==> flow/design.v <==
module sync_alu_arith #(
  parameter WIDTH = 6
) (
  input  logic core_clk,
  input  logic rstn,
  input  logic [WIDTH-1:0] da,
  input  logic [WIDTH-1:0] db,
  input  logic minus,
  output logic [WIDTH-1:0] d
);
  logic [WIDTH-1:0] r;
  always_comb begin
    if (minus)
      r = da - db;
    else
      r = da + db;
  end
  logic [WIDTH-1:0] r_d;
  always_ff @(posedge core_clk) begin
    if (~rstn) begin
      r_d <= '0;
    end else begin
      r_d <= r;
    end
  end
  assign d = r_d;
endmodule
--- tool output ---
[From RTL to reports: sync_alu_arith]
Module sync_alu_arith in several versions that differ in "WIDTH"; each step lists the members.
The RTL above is that of WIDTH 6; lines are counted from 1 in the file of the member named.
Not given: -
Design
  top module: sync_alu_arith
  clock: core_clk
  library: sky130hd
  timing corner: tt_025C_1v80

[Members of the sweep]
New or changed lines of each further member against the RTL above, in its own file; lines it lacks are not shown.
Lines new or changed
  WIDTH 56: line 2  | parameter WIDTH = 56
  WIDTH 80: line 2  | parameter WIDTH = 80

[After elaboration]
Counts by Yosys on the flattened word-level netlist (proc, flatten, opt, wreduce; memories kept). Register bits leave out memories and registers merged into their read ports (data or address); mux counts leave out enables and synchronous resets folded into registers. Print and check cells are left out. Cells with the same type and inputs are merged into one.
Operators by class
  WIDTH 6: $add $sub $neg 2, multiplexer cells 1
  WIDTH 56: $add $sub $neg 2, multiplexer cells 1
  WIDTH 80: $add $sub $neg 2, multiplexer cells 1
Operators with widths (kind and count)
  WIDTH 6: 6-bit adder: 1; 6-bit subtractor: 1; 6-bit 2-to-1 mux: 1
  WIDTH 56: 56-bit adder: 1; 56-bit subtractor: 1; 56-bit 2-to-1 mux: 1
  WIDTH 80: 80-bit adder: 1; 80-bit subtractor: 1; 80-bit 2-to-1 mux: 1
Bit counts
  WIDTH 6: register bits 6, input bits 15, output and inout bits 6, cells after elaboration 4
  WIDTH 56: register bits 56, input bits 115, output and inout bits 56, cells after elaboration 4
  WIDTH 80: register bits 80, input bits 163, output and inout bits 80, cells after elaboration 4

[Depth]
Yosys ltp: most cells in a row. Word level: on the elaborated netlist, between registers, memories and ports. Mapped: between sequential cells and ports; inverters and the memories' decode and read muxes count.
Depth
  WIDTH 6: word-level depth 2, ABC_AREA 0, mapped depth 10, depth with buffers taken out 10
  WIDTH 56: word-level depth 2, ABC_AREA 0, mapped depth 20, depth with buffers taken out 19
  WIDTH 80: word-level depth 2, ABC_AREA 0, mapped depth 25, depth with buffers taken out 24

[Netlist]
Yosys stat after the flow's synthesis: flattened, memories mapped to cells. It holds for the ABC_AREA given above (unset counts as 0); a run with the other value may have another netlist.
The area totals of this step are shown rounded.
Cells by type (types with counts)
  WIDTH 6: sky130_fd_sc_hd__dfxtp_1: 6; sky130_fd_sc_hd__ha_1: 6; sky130_fd_sc_hd__xnor2_1: 7; sky130_fd_sc_hd__nor2_1: 9; sky130_fd_sc_hd__fa_1: 1; sky130_fd_sc_hd__inv_1: 5; sky130_fd_sc_hd__a21oi_1: 3; sky130_fd_sc_hd__o22ai_2: 1; sky130_fd_sc_hd__mux2i_1: 1; sky130_fd_sc_hd__nor3_2: 1; sky130_fd_sc_hd__o31a_1: 1; sky130_fd_sc_hd__xor2_1: 1; sky130_fd_sc_hd__a211oi_1: 1; sky130_fd_sc_hd__a21o_1: 1; sky130_fd_sc_hd__o21a_1: 1; sky130_fd_sc_hd__and2_1: 1; sky130_fd_sc_hd__nor2b_1: 1; sky130_fd_sc_hd__or2_2: 1; sky130_fd_sc_hd__o21ai_0: 1
  WIDTH 56: sky130_fd_sc_hd__dfxtp_1: 56; sky130_fd_sc_hd__ha_1: 56; sky130_fd_sc_hd__xnor2_1: 77; sky130_fd_sc_hd__a21oi_1: 85; sky130_fd_sc_hd__nor2_1: 110; sky130_fd_sc_hd__xor2_1: 26; sky130_fd_sc_hd__a21o_1: 24; sky130_fd_sc_hd__nand2_1: 48; sky130_fd_sc_hd__nand4_1: 24; sky130_fd_sc_hd__o21bai_1: 16; sky130_fd_sc_hd__nor3_1: 22; sky130_fd_sc_hd__clkbuf_1: 28; sky130_fd_sc_hd__o21ai_0: 21; sky130_fd_sc_hd__inv_1: 25; sky130_fd_sc_hd__a221oi_2: 6; sky130_fd_sc_hd__a31oi_1: 12; sky130_fd_sc_hd__buf_2: 15; sky130_fd_sc_hd__nor4_1: 11; [+139]
  WIDTH 80: sky130_fd_sc_hd__dfxtp_1: 80; sky130_fd_sc_hd__ha_1: 80; sky130_fd_sc_hd__xnor2_1: 100; sky130_fd_sc_hd__a21oi_1: 144; sky130_fd_sc_hd__nor2_1: 167; sky130_fd_sc_hd__xor2_1: 49; sky130_fd_sc_hd__nand2_1: 82; sky130_fd_sc_hd__o21ai_0: 57; sky130_fd_sc_hd__a21o_1: 33; sky130_fd_sc_hd__o21bai_1: 27; sky130_fd_sc_hd__nand4_1: 30; sky130_fd_sc_hd__a31oi_1: 24; sky130_fd_sc_hd__nor3_1: 30; sky130_fd_sc_hd__clkbuf_1: 35; sky130_fd_sc_hd__inv_1: 34; sky130_fd_sc_hd__and2_1: 13; sky130_fd_sc_hd__nand2b_1: 13; sky130_fd_sc_hd__nand3_1: 15; [+163]
A list marked [+n] leaves out that many cells.
Synthesis totals
  WIDTH 6: mapped cells 49, chip area (Yosys) 440 µm², area of sequential cells 120 µm², flip-flop cells 6, buffer cells 0
  WIDTH 56: mapped cells 801, chip area (Yosys) 6100 µm², area of sequential cells 1100 µm², flip-flop cells 56, buffer cells 45
  WIDTH 80: mapped cells 1176, chip area (Yosys) 8500 µm², area of sequential cells 1600 µm², flip-flop cells 80, buffer cells 47

[Path before layout]
Source: OpenSTA report_checks on the synthesized netlist (no wires, ideal clock, input and output delay 20% of the period each), path of least setup slack; recovery checks are left aside. Register names are those of the netlist, which keeps one name where synthesis merged equal registers.
Timing path after synthesis
  WIDTH 6: path type input to register, start point input db[0], end point register r_d[5], period 2.42 ns, setup slack 0.384 ns, stages 9, path delay 1.552 ns, period reached after synthesis 2.036 ns
  WIDTH 56: path type input to register, start point input db[11], end point register r_d[52], period 5.95 ns, setup slack 0.955 ns, stages 19, path delay 3.805 ns, period reached after synthesis 4.995 ns
  WIDTH 80: path type input to register, start point input db[29], end point register r_d[78], period 6.66 ns, setup slack 1.067 ns, stages 18, path delay 4.261 ns, period reached after synthesis 5.593 ns
"path delay" = arrival - input delay + setup time.
"stages": output pins that drive a net of the path, with the launching flip-flop's if there is one; two outputs of one cell count as two.
"period reached after synthesis" is the clock period less the worst setup slack; recovery checks do not enter. This is arithmetic on one report: input and output delays are still those of the set period (20% each).
Between the ends stands the longest chain of elaborated cells between them, by number of cells; it is not shown to be the way that was timed. Of several equally long chains one is given.
A line is the first line of the expression or statement that the cell stems from. Yosys adds cells for indexed reads and writes and turns some case tables into memories.
On the way, after synthesis, WIDTH 6
  length of the longest elaborated chain: 2
Ends and longest elaborated chain, after synthesis, WIDTH 6
  from (decl): line 7  | input  logic [WIDTH-1:0] db,
  6-bit adder: line 16  | r = da + db;
  6-bit 2-to-1 mux: line 13  | if (minus)
  to (assign): line 21  | r_d <= '0;
  to (assign): line 23  | r_d <= r;
  to (decl): line 18  | logic [WIDTH-1:0] r_d;
On the way, after synthesis, WIDTH 80
  length of the longest elaborated chain: 2
Ends and longest elaborated chain, after synthesis, WIDTH 80
  from (decl): line 7  | input  logic [WIDTH-1:0] db,
  80-bit adder: line 16  | r = da + db;
  80-bit 2-to-1 mux: line 13  | if (minus)
  to (assign): line 21  | r_d <= '0;
  to (assign): line 23  | r_d <= r;
  to (decl): line 18  | logic [WIDTH-1:0] r_d;

[Timing after layout]
From the final timing report of each member's run: the path of least setup slack in the routed layout; clock arrival at registers is part of the times.
Timing path after layout
  WIDTH 6: path type input to register, start point input db[0], end point register r_d[5], period 2.42 ns, setup slack 0.11 ns, stages 10, arrival 2.44 ns, path buffers 1
  WIDTH 56: path type input to register, start point input db[11], end point register r_d[52], period 5.95 ns, setup slack 0.38 ns, stages 19, arrival 5.82 ns, path buffers 1
  WIDTH 80: path type input to register, start point input db[13], end point register r_d[78], period 6.66 ns, setup slack 0.20 ns, stages 19, arrival 6.66 ns, path buffers 2

[Measured runs]
One run of the flow (Yosys, OpenROAD) for each member, with settings and measured results. Input and output delays are each 20% of the period that was set; the output load is 0.01 pF.
Flow settings
  CAP_MARGIN: 20
  CORE_MARGIN: 2
  CORE_UTILIZATION: 40
  SLEW_MARGIN: 20
Settings by member (period_ns)
  WIDTH 6: 2.42
  WIDTH 56: 5.95
  WIDTH 80: 6.66
Measured results
  WIDTH 6: mapped cell area after synthesis 440 µm², total die area 1400 µm², standard-cell area of the final layout 740 µm², utilization after layout 76%, worst setup slack after layout 0.11 ns, setup TNS 0.000 ns, worst hold slack 0.85 ns, total power after layout 0.38 mW, achieved clock period 2.311 ns
  WIDTH 56: mapped cell area after synthesis 6100 µm², total die area 16000 µm², standard-cell area of the final layout 8300 µm², utilization after layout 56%, worst setup slack after layout 0.38 ns, setup TNS 0.000 ns, worst hold slack 1.6 ns, total power after layout 1.9 mW, achieved clock period 5.571 ns
  WIDTH 80: mapped cell area after synthesis 8500 µm², total die area 23000 µm², standard-cell area of the final layout 12000 µm², utilization after layout 56%, worst setup slack after layout 0.20 ns, setup TNS 0.000 ns, worst hold slack 1.6 ns, total power after layout 2.4 mW, achieved clock period 6.460 ns
By "achieved clock period" is meant the clock period of the run minus its worst setup slack. This is arithmetic on one report: input and output delays are still those of the set period (20% each).
"total power after layout" rests on the timing tool's default activity at the inputs, not on a simulated workload.
The results are shown rounded.
--- end ---
